==> flow/design.v <==
module gen_arith_v2 #(
  parameter DWIDTH = 7
) (
  input clk,
  input valid,
  input [DWIDTH-1:0] first,
  input [DWIDTH-1:0] second,
  input mode,
  output [DWIDTH-1:0] result
);
  reg [DWIDTH-1:0] first_r;
  reg [DWIDTH-1:0] second_r;
  reg mode_r;
  always @(posedge clk) begin
    if (valid) begin
      first_r <= first;
      second_r <= second;
      mode_r <= mode;
    end
  end
  reg [DWIDTH-1:0] t;
  always @* begin
    if (mode_r)
      t = first_r - second_r;
    else
      t = first_r + second_r;
  end
  assign result = t;
endmodule
======== From RTL to reports: gen_arith_v2 ========
The steps from the RTL of gen_arith_v2 to its reports follow in flow order.
Line numbers count from 1 in the design file above.
Operators carry their Yosys type and port widths (W data, S select, Z words).
Library cell names are shortened.
A cell with n/a has no value.
inputs
  top ..................................... gen_arith_v2
  clock port .............................. clk
  standard-cell library ................... sky130hd
  corner .................................. tt_025C_1v80

======== Word-level counts ========
Yosys after proc, flatten, opt, wreduce and memory -nomap, before mapping. Enables and synchronous resets that opt folds into registers are not counted as muxes. Memory bits, and registers merged into a memory's read port (data or address), are not among the register bits. Print and check cells are not counted. Equal cells are merged and count once.
storage and ports
  bits in registers ....................... 15
  latch bits .............................. 0
  RAM bits ................................ 0
  ROM bits ................................ 0
  clocked read ports x word width ......... 0
  memory cells ............................ 0
  bits of input ports ..................... 17
  output and inout bits ................... 7
  cells after elaboration ................. 6
operators by class
  add/sub/neg operators ................... 2
  multipliers ............................. 0
  divide/modulo/power cells ............... 0
  order comparisons ....................... 0
  equality and inequality tests ........... 0
  shift operators ......................... 0
  muxes and demuxes ....................... 1
  bitwise logic cells ..................... 0
  reduce/logical cells .................... 0
operators with widths
  operator       count
  $add A7 B7 Y7  1
  $sub A7 B7 Y7  1
  $mux W7        1

======== Logic depth ========
Depth = most cells in a row (Yosys ltp): at word level without a register or memory, in the mapped netlist without a sequential cell, where the memories' decode and read muxes count.
logic depth
  depth in word-level cells ............... 2
  ABC_AREA ................................ 0
  gate-level depth with buffers ........... 10
  depth with buffers taken out ............ 10

======== Synthesis result ========
The flow's flattened synthesis, as Yosys stat reports it; memories are mapped. The netlist is that of the ABC_AREA named above (0 if unset); the other value can give another one.
synthesis totals
  cells in the netlist .................... 65
  mapped area ............................. 825.8 µm²
  flip-flop cells ......................... 15
  buffer cells ............................ 0
cells by type
  cell type  count  area in all (µm²)
  edfxtp_1   15     450.432
  ha_1       7      87.584
  xnor2_1    8      70.067
  inv_1      6      22.522
  nor2_1     6      22.522
  a21oi_1    4      20.019
  fa_1       1      20.019
  xor2_1     2      17.517
  o21a_1     2      15.014
  nor2b_1    2      12.512
  mux2i_1    1      10.01
  nor3_1     2      10.01
  a311oi_1   1      8.758
  o2111ai_1  1      8.758
  o311ai_1   1      8.758
  a211oi_1   1      7.507
  a21o_1     1      7.507
  nor3b_1    1      7.507
Other cell types: 3; their cells: 3.

======== Worst setup path after synthesis ========
OpenSTA on the mapped netlist: ideal clock, no wires. The path of least setup slack (recovery checks aside). Input and output delay are each 20% of the period. Register names are those of the netlist, which keeps one name where synthesis merged equal registers.
timing path after synthesis
  path type ............................... flip-flop to output port
  start point ............................. reg second_r[0]
  end point ............................... out result[5]
  clock period ............................ 3.13 ns
  launch time at the first pin ............ 0.000 ns
  arrival time ............................ 2.006 ns
  data required time ...................... 2.504 ns
  slack ................................... 0.498 ns
  path delay .............................. 2.006 ns
  stages on the path ...................... 9
  buffers on the path ..................... 0
  synthesis period reached ................ 2.632 ns
"path delay" is the arrival time less input delay plus setup time.
At an output port there is no setup time.
"stages on the path" counts driving pins, that of a launching flip-flop among them; a cell with two outputs on the path counts twice.
"synthesis period reached" is the clock period less the worst setup slack; recovery checks do not enter. This is arithmetic on one report: input and output delays are still those of the set period (20% each).
The rows between start and end are the longest chain of elaborated cells between them; the timing report does not say that the signal goes this way. Where chains are equally long, one stands for them.
Each line given opens the expression or statement behind the cell; cells for indexed reads and writes are added by Yosys, which also makes memories of some case tables.
between the ends, after synthesis
  cells stage by stage .................... edfxtp_1 > inv_1 > ha_1 > mux2i_1 > ha_1 > nor2b_1 > o21a_1 > o21a_1 > o311ai_1
  length of the longest elaborated chain .. 2
  elaborated cells between the ends (all ways) .. 3
  classes of those cells .................. 2 x add/sub; 1 x mux
ends and longest elaborated chain, after synthesis
  what             RTL line  RTL
  start, declared  12        reg [DWIDTH-1:0] second_r;
  start, assigned  17        second_r <= second;
  $add A7 B7 Y7    26        t = first_r + second_r;
  $mux W7          23        if (mode_r)
  end, declared    9         output [DWIDTH-1:0] result

======== Timing after layout ========
From the final timing report of run A: the path of least setup slack in the routed layout; clock arrival at registers is part of the times.
timing path after layout
  path type ............................... flip-flop to output port
  start point ............................. reg second_r[0]
  end point ............................... out result[4]
  clock period ............................ 3.13 ns
  launch time at the first pin ............ 0.27 ns
  arrival time ............................ 2.38 ns
  data required time ...................... 2.50 ns
  slack ................................... 0.12 ns
  stages on the path ...................... 10
  buffers on the path ..................... 2
The rows between start and end are the longest chain of elaborated cells between them; the timing report does not say that the signal goes this way. Where chains are equally long, one stands for them.
between the ends, after layout
  cells stage by stage .................... edfxtp_1 > inv_1 > ha_1 > mux2i_4 > fa_2 > buf_4 > a21o_1 > a21oi_1 > xnor2_1 > dlygate4sd2_1
  length of the longest elaborated chain .. 2
  elaborated cells between the ends (all ways) .. 3
  classes of those cells .................. 2 x add/sub; 1 x mux
ends and longest elaborated chain, after layout
  what             RTL line  RTL
  start, declared  12        reg [DWIDTH-1:0] second_r;
  start, assigned  17        second_r <= second;
  $add A7 B7 Y7    26        t = first_r + second_r;
  $mux W7          23        if (mode_r)
  end, declared    9         output [DWIDTH-1:0] result

# Flow runs of gen_arith_v2

Settings and measured results of 3 stored flow runs for module gen_arith_v2 (sky130hd), not sorted in any way. The constraints put input and output delay at 20% of the set period each and load the outputs with 0.01 pF.
By "clock period achieved" is meant the clock period of the run minus its worst setup slack. This is arithmetic on one report: input and output delays are still those of the set period (20% each).
"time used up by the worst setup path" is the time allowed to the run's worst setup path (the clock period less input and output delay, where it has them) less its slack. Clock arrival times count: a late capture clock shortens it, a late launch clock lengthens it.
"power consumption" is the tool's figure for a default switching activity; nothing was simulated.

---- run A ----
settings
  period_ns = 3.13
  CAP_MARGIN = 20
  CORE_MARGIN = 2
  CORE_UTILIZATION = 40
  SLEW_MARGIN = 20
results
  synthesized cell area ................... 825.8 µm²
  power consumption ....................... 0.6251 mW
  time used up by the worst setup path .... 2.38 ns
  critical path type ...................... flip-flop to output port
  worst slack on setup checks ............. 0.123 ns
  utilization in the final report ......... 0.613
  setup total negative slack .............. 0.000 ns
  standard-cell area of the final layout .. 1,202.4 µm²
  worst hold slack ........................ 0.899 ns
  total die area .......................... 2,443.8 µm²
  clock period achieved ................... 3.007 ns

---- run B ----
settings
  period_ns = 1.88
  CORE_UTILIZATION = 42
  SETUP_SLACK_MARGIN = 0.41
  PLACE_DENSITY_LB_ADDON = 0.19
  CORE_MARGIN = 10
  TNS_END_PERCENT = 80
  GPL_TIMING_DRIVEN = 0
  GPL_ROUTABILITY_DRIVEN = 1
  CTS_CLUSTER_SIZE = 95
  CAP_MARGIN = 10
  SLEW_MARGIN = 20
  MIN_ROUTING_LAYER = met1
  MAX_ROUTING_LAYER = met4
results
  synthesized cell area ................... 825.8 µm²
  power consumption ....................... 1.086 mW
  time used up by the worst setup path .... 2.39 ns
  critical path type ...................... flip-flop to output port
  worst slack on setup checks ............. -0.885 ns
  utilization in the final report ......... 0.695
  setup total negative slack .............. -3.797 ns
  standard-cell area of the final layout .. 1,252.5 µm²
  worst hold slack ........................ 0.647 ns
  total die area .......................... 4,139.6 µm²
  clock period achieved ................... 2.765 ns

---- run C ----
settings
  period_ns = 2.36
  CORE_UTILIZATION = 41
  PLACE_DENSITY_LB_ADDON = 0.05
  HOLD_SLACK_MARGIN = -0.07
  CELL_PAD_IN_SITES_DETAIL_PLACEMENT = 2
  TNS_END_PERCENT = 40
  CTS_CLUSTER_SIZE = 54
  SLEW_MARGIN = 5
  MIN_ROUTING_LAYER = met2
  CAP_MARGIN = 20
  CORE_MARGIN = 2
results
  did not finish, placement stopped with DPL-0033
